==> flow/design.v <==
module rf_blk #(
   parameter NREGS = 16,
   parameter DW = 16,
   parameter ADDR_WIDTH = $clog2(NREGS),
   parameter GROUPS = DW / 8
) (
   input  wire core_clk,
   input  wire clr,
   input  wire [GROUPS-1:0] wstrb_in,
   input  wire [ADDR_WIDTH-1:0] wr_addr_in,
   input  wire [DW-1:0] din_in,
   input  wire [ADDR_WIDTH-1:0] rd_idx_in,
   output wire [DW-1:0] q_out
);
   reg [GROUPS-1:0] wstrb_s;
   reg [ADDR_WIDTH-1:0] wr_addr_s;
   reg [DW-1:0] din_s;
   always @(posedge core_clk or posedge clr) begin
      if (clr) begin
         wstrb_s <= 0;
         wr_addr_s <= 0;
         din_s <= 0;
      end else begin
         wstrb_s <= wstrb_in;
         wr_addr_s <= wr_addr_in;
         din_s <= din_in;
      end
   end
   reg [DW-1:0] ram [NREGS-1:0];
   integer idx;
   always @(posedge core_clk) begin
      for (idx = 0; idx < GROUPS; idx = idx + 1)
         if (wstrb_s[idx]) ram[wr_addr_s][8*idx +: 8] <= din_s[8*idx +: 8];
   end
   reg [ADDR_WIDTH-1:0] rd_idx_s;
   always @(posedge core_clk or posedge clr) begin
      if (clr) begin
         rd_idx_s <= 0;
      end else begin
         rd_idx_s <= rd_idx_in;
      end
   end
   assign q_out = ram[rd_idx_s];
endmodule
# [Tool chain data of rf_blk]
# Tool output for the design above, in the order of the flow.
# Lines are those of the file above, counted from 1.
# Operators: Yosys type, input widths -> output width; for muxes data width and select width s.
# Cell names lack the library's common part.
# The mark - stands for no value.
[setup] top="rf_blk" clk_port="core_clk" library="sky130hd" corner="tt_025C_1v80"

# [Word level]
# Yosys after proc, flatten, opt, wreduce and memory -nomap, before mapping. Enables and synchronous resets that opt folds into registers are not counted as muxes. Memory bits, and registers merged into a memory's read port (data or address), are not among the register bits. Print and check cells are not counted. Equal cells are merged and count once.
# Yosys's memory passes give these memory sizes; they may raise the number of words (mostly to a power of two), join words into wider ones and drop unused or constant bits.
[bits] wordCells=9 out_inout_bits=16 ram_bits=256 regBits=26 mem_count=1 input_bits=28
[memory_table] name="ram" size=16 word_bits=16 rd=1 wr=1 line_no=29 text="reg [DW-1:0] ram [NREGS-1:0];"
[classes] mux=4
[op_table] cell="$mux 16" n=2
[op_table] cell="$mux 1" n=2

# [Depth]
# Longest topological path by Yosys (ltp), each cell counted once; first at word level (registers and memories cut), then after technology mapping (sequential cells cut; the memories' decode and read muxes count).
[logic_depth] word_depth=1 abc_area=0 depth_mapped=5 ltp_nobuf=3

# [After synthesis]
# Source: synth_stat.txt of the flow (Yosys; design flattened, memories mapped). It holds for the ABC_AREA given above (unset counts as 0); a run with the other value may have another netlist.
[by_type] cell_type="edfxtp_1" n=256 area_total_um2=7.69E+03
[by_type] cell_type="mux4_2" n=54 area_total_um2=1.22E+03
[by_type] cell_type="dfrtp_1" n=26 area_total_um2=650.624
[by_type] cell_type="mux4_1" n=10 area_total_um2=262.752
[by_type] cell_type="a22oi_1" n=32 area_total_um2=240.23
[by_type] cell_type="nor2_1" n=34 area_total_um2=127.622
[by_type] cell_type="nand2_1" n=23 area_total_um2=86.333
[by_type] cell_type="buf_6" n=4 area_total_um2=45.043
[by_type] cell_type="clkbuf_1" n=10 area_total_um2=37.536
[by_type] cell_type="buf_2" n=5 area_total_um2=25.024
[by_type] cell_type="nor2b_1" n=4 area_total_um2=25.024
[by_type] cell_type="buf_4" n=3 area_total_um2=22.522
[by_type] cell_type="nand2b_1" n=2 area_total_um2=12.512
[by_type] cell_type="nand3_1" n=2 area_total_um2=10.01
[by_type] cell_type="and2_1" n=1 area_total_um2=6.256
[by_type] cell_type="or2_2" n=1 area_total_um2=6.256
[by_type] cell_type="clkbuf_2" n=1 area_total_um2=5.005
[by_type] cell_type="buf_1" n=1 area_total_um2=3.754
[by_type] cell_type="inv_1" n=1 area_total_um2=3.754
[synth_totals] seqArea_um2=8338.0 area_um2=10473.8 cell_count=470 ff_cells=282

# [Worst setup path after synthesis]
# Source: OpenSTA report_checks on the synthesized netlist (no wires, ideal clock, input and output delay 20% of the period each), path of least setup slack; recovery checks are left aside. Register names are those of the netlist, which keeps one name where synthesis merged equal registers.
[synth_path] path_kind="register to output" from="register rd_idx_s[0]" to="output port q_out[10]" arrival_time_ns=1.465 tclk_ns=2.29 path_slack_ns=0.367 driving_pins=6 path_delay_ns=1.465 t_required_ns=1.832 period_less_setup_slack_ns=1.923
# "path_delay_ns" is the arrival time less input delay plus setup time.
# A path that ends at an output port has no setup time.
# "driving_pins": output pins that drive a net of the path, with the launching flip-flop's if there is one; two outputs of one cell count as two.
# "period_less_setup_slack_ns" is the clock period less the worst setup slack; recovery checks do not enter. This is arithmetic on one report: input and output delays are still those of the set period (20% each).
# Between the ends stands the longest chain of elaborated cells between them, by number of cells; it is not shown to be the way that was timed. Of several equally long chains one is given.
# A line is the first line of the expression or statement that the cell stems from. Yosys adds cells for indexed reads and writes and turns some case tables into memories.
# A memory read counts as a cell of the chain, while the word-level depth stops at memories.
[synth_via] path_cell_list="dfrtp_1 buf_6 buf_6 mux4_1 a22oi_1 nand2_1" elab_chain_len=1
[synth_lines] item="start, declared" line_no=35 text="reg [ADDR_WIDTH-1:0] rd_idx_s;"
[synth_lines] item="start, assigned" line_no=38 text="rd_idx_s <= 0;"
[synth_lines] item="start, assigned" line_no=40 text="rd_idx_s <= rd_idx_in;"
[synth_lines] item="$mem_v2 16x16" line_no=29 text="reg [DW-1:0] ram [NREGS-1:0];"
[synth_lines] item="end, declared" line_no=13 text="output wire [DW-1:0] q_out"

# [Worst path after layout]
# Path of least setup slack in the final report of job 1 (OpenROAD, finished layout, wires in). Where an end is a register, its clock arrival counts in the times.
[layout_path] path_kind="register to output" from="register rd_idx_s[0]" to="output port q_out[7]" t_required_ns=1.83 driving_pins=8 path_slack_ns=-0.49 arrival_time_ns=2.32 tclk_ns=2.29
# Between the ends stands the longest chain of elaborated cells between them, by number of cells; it is not shown to be the way that was timed. Of several equally long chains one is given.
# A memory read counts as a cell of the chain, while the word-level depth stops at memories.
[layout_via] path_cell_list="dfrtp_4 buf_12 buf_12 buf_6 mux4_2 a22oi_2 nand2_1 buf_2" elab_chain_len=1
[layout_lines] item="start, declared" line_no=35 text="reg [ADDR_WIDTH-1:0] rd_idx_s;"
[layout_lines] item="start, assigned" line_no=38 text="rd_idx_s <= 0;"
[layout_lines] item="start, assigned" line_no=40 text="rd_idx_s <= rd_idx_in;"
[layout_lines] item="$mem_v2 16x16" line_no=29 text="reg [DW-1:0] ram [NREGS-1:0];"
[layout_lines] item="end, declared" line_no=13 text="output wire [DW-1:0] q_out"

--- measured runs ---
Record of 3 stored runs of the RTL-to-layout flow on rf_blk, platform sky130hd. The runs are unordered. Constraints: input delay and output delay 20% of the set period each, output load 0.01 pF.
"achieved clock period": clock period set for the run, less the worst setup slack. It is reckoned from that one timing run; input and output delays stay at 20% of the period that was set.
"power": no workload was simulated; the value follows from the tool's default switching activity.
[job 1] settings: period_ns=2.29, CAP_MARGIN=20, CORE_MARGIN=2, CORE_UTILIZATION=40, SLEW_MARGIN=20
[job 1] result: chip area after synthesis (Yosys) 10473.8 µm², die area 27494.6 µm², utilization 0.493, worst setup slack after layout -0.492 ns, total negative slack -7.083 ns, power 0.010424 W, achieved clock period 2.782 ns
[job 2] settings: period_ns=1.73, CORE_UTILIZATION=65, SETUP_SLACK_MARGIN=-0.15, PLACE_DENSITY_LB_ADDON=0.25, CELL_PAD_IN_SITES_GLOBAL_PLACEMENT=2, CELL_PAD_IN_SITES_DETAIL_PLACEMENT=0, TNS_END_PERCENT=90, ABC_AREA=1, GPL_TIMING_DRIVEN=0, CAP_MARGIN=30, CORE_MARGIN=2, SLEW_MARGIN=20
[job 2] result: did not finish, placement stopped with FLW-0024
[job 3] settings: period_ns=1.48, CORE_UTILIZATION=21, PLACE_DENSITY=0.62, CORE_ASPECT_RATIO=0.52, ABC_AREA=1, CAP_MARGIN=0, SLEW_MARGIN=40, MIN_ROUTING_LAYER=met2, MAX_ROUTING_LAYER=met4, CORE_MARGIN=2
[job 3] result: chip area after synthesis (Yosys) 11856.4 µm², die area 58478.4 µm², utilization 0.31, worst setup slack after layout -1.046 ns, total negative slack -25.111 ns, power 0.017845 W, achieved clock period 2.526 ns
--- end ---
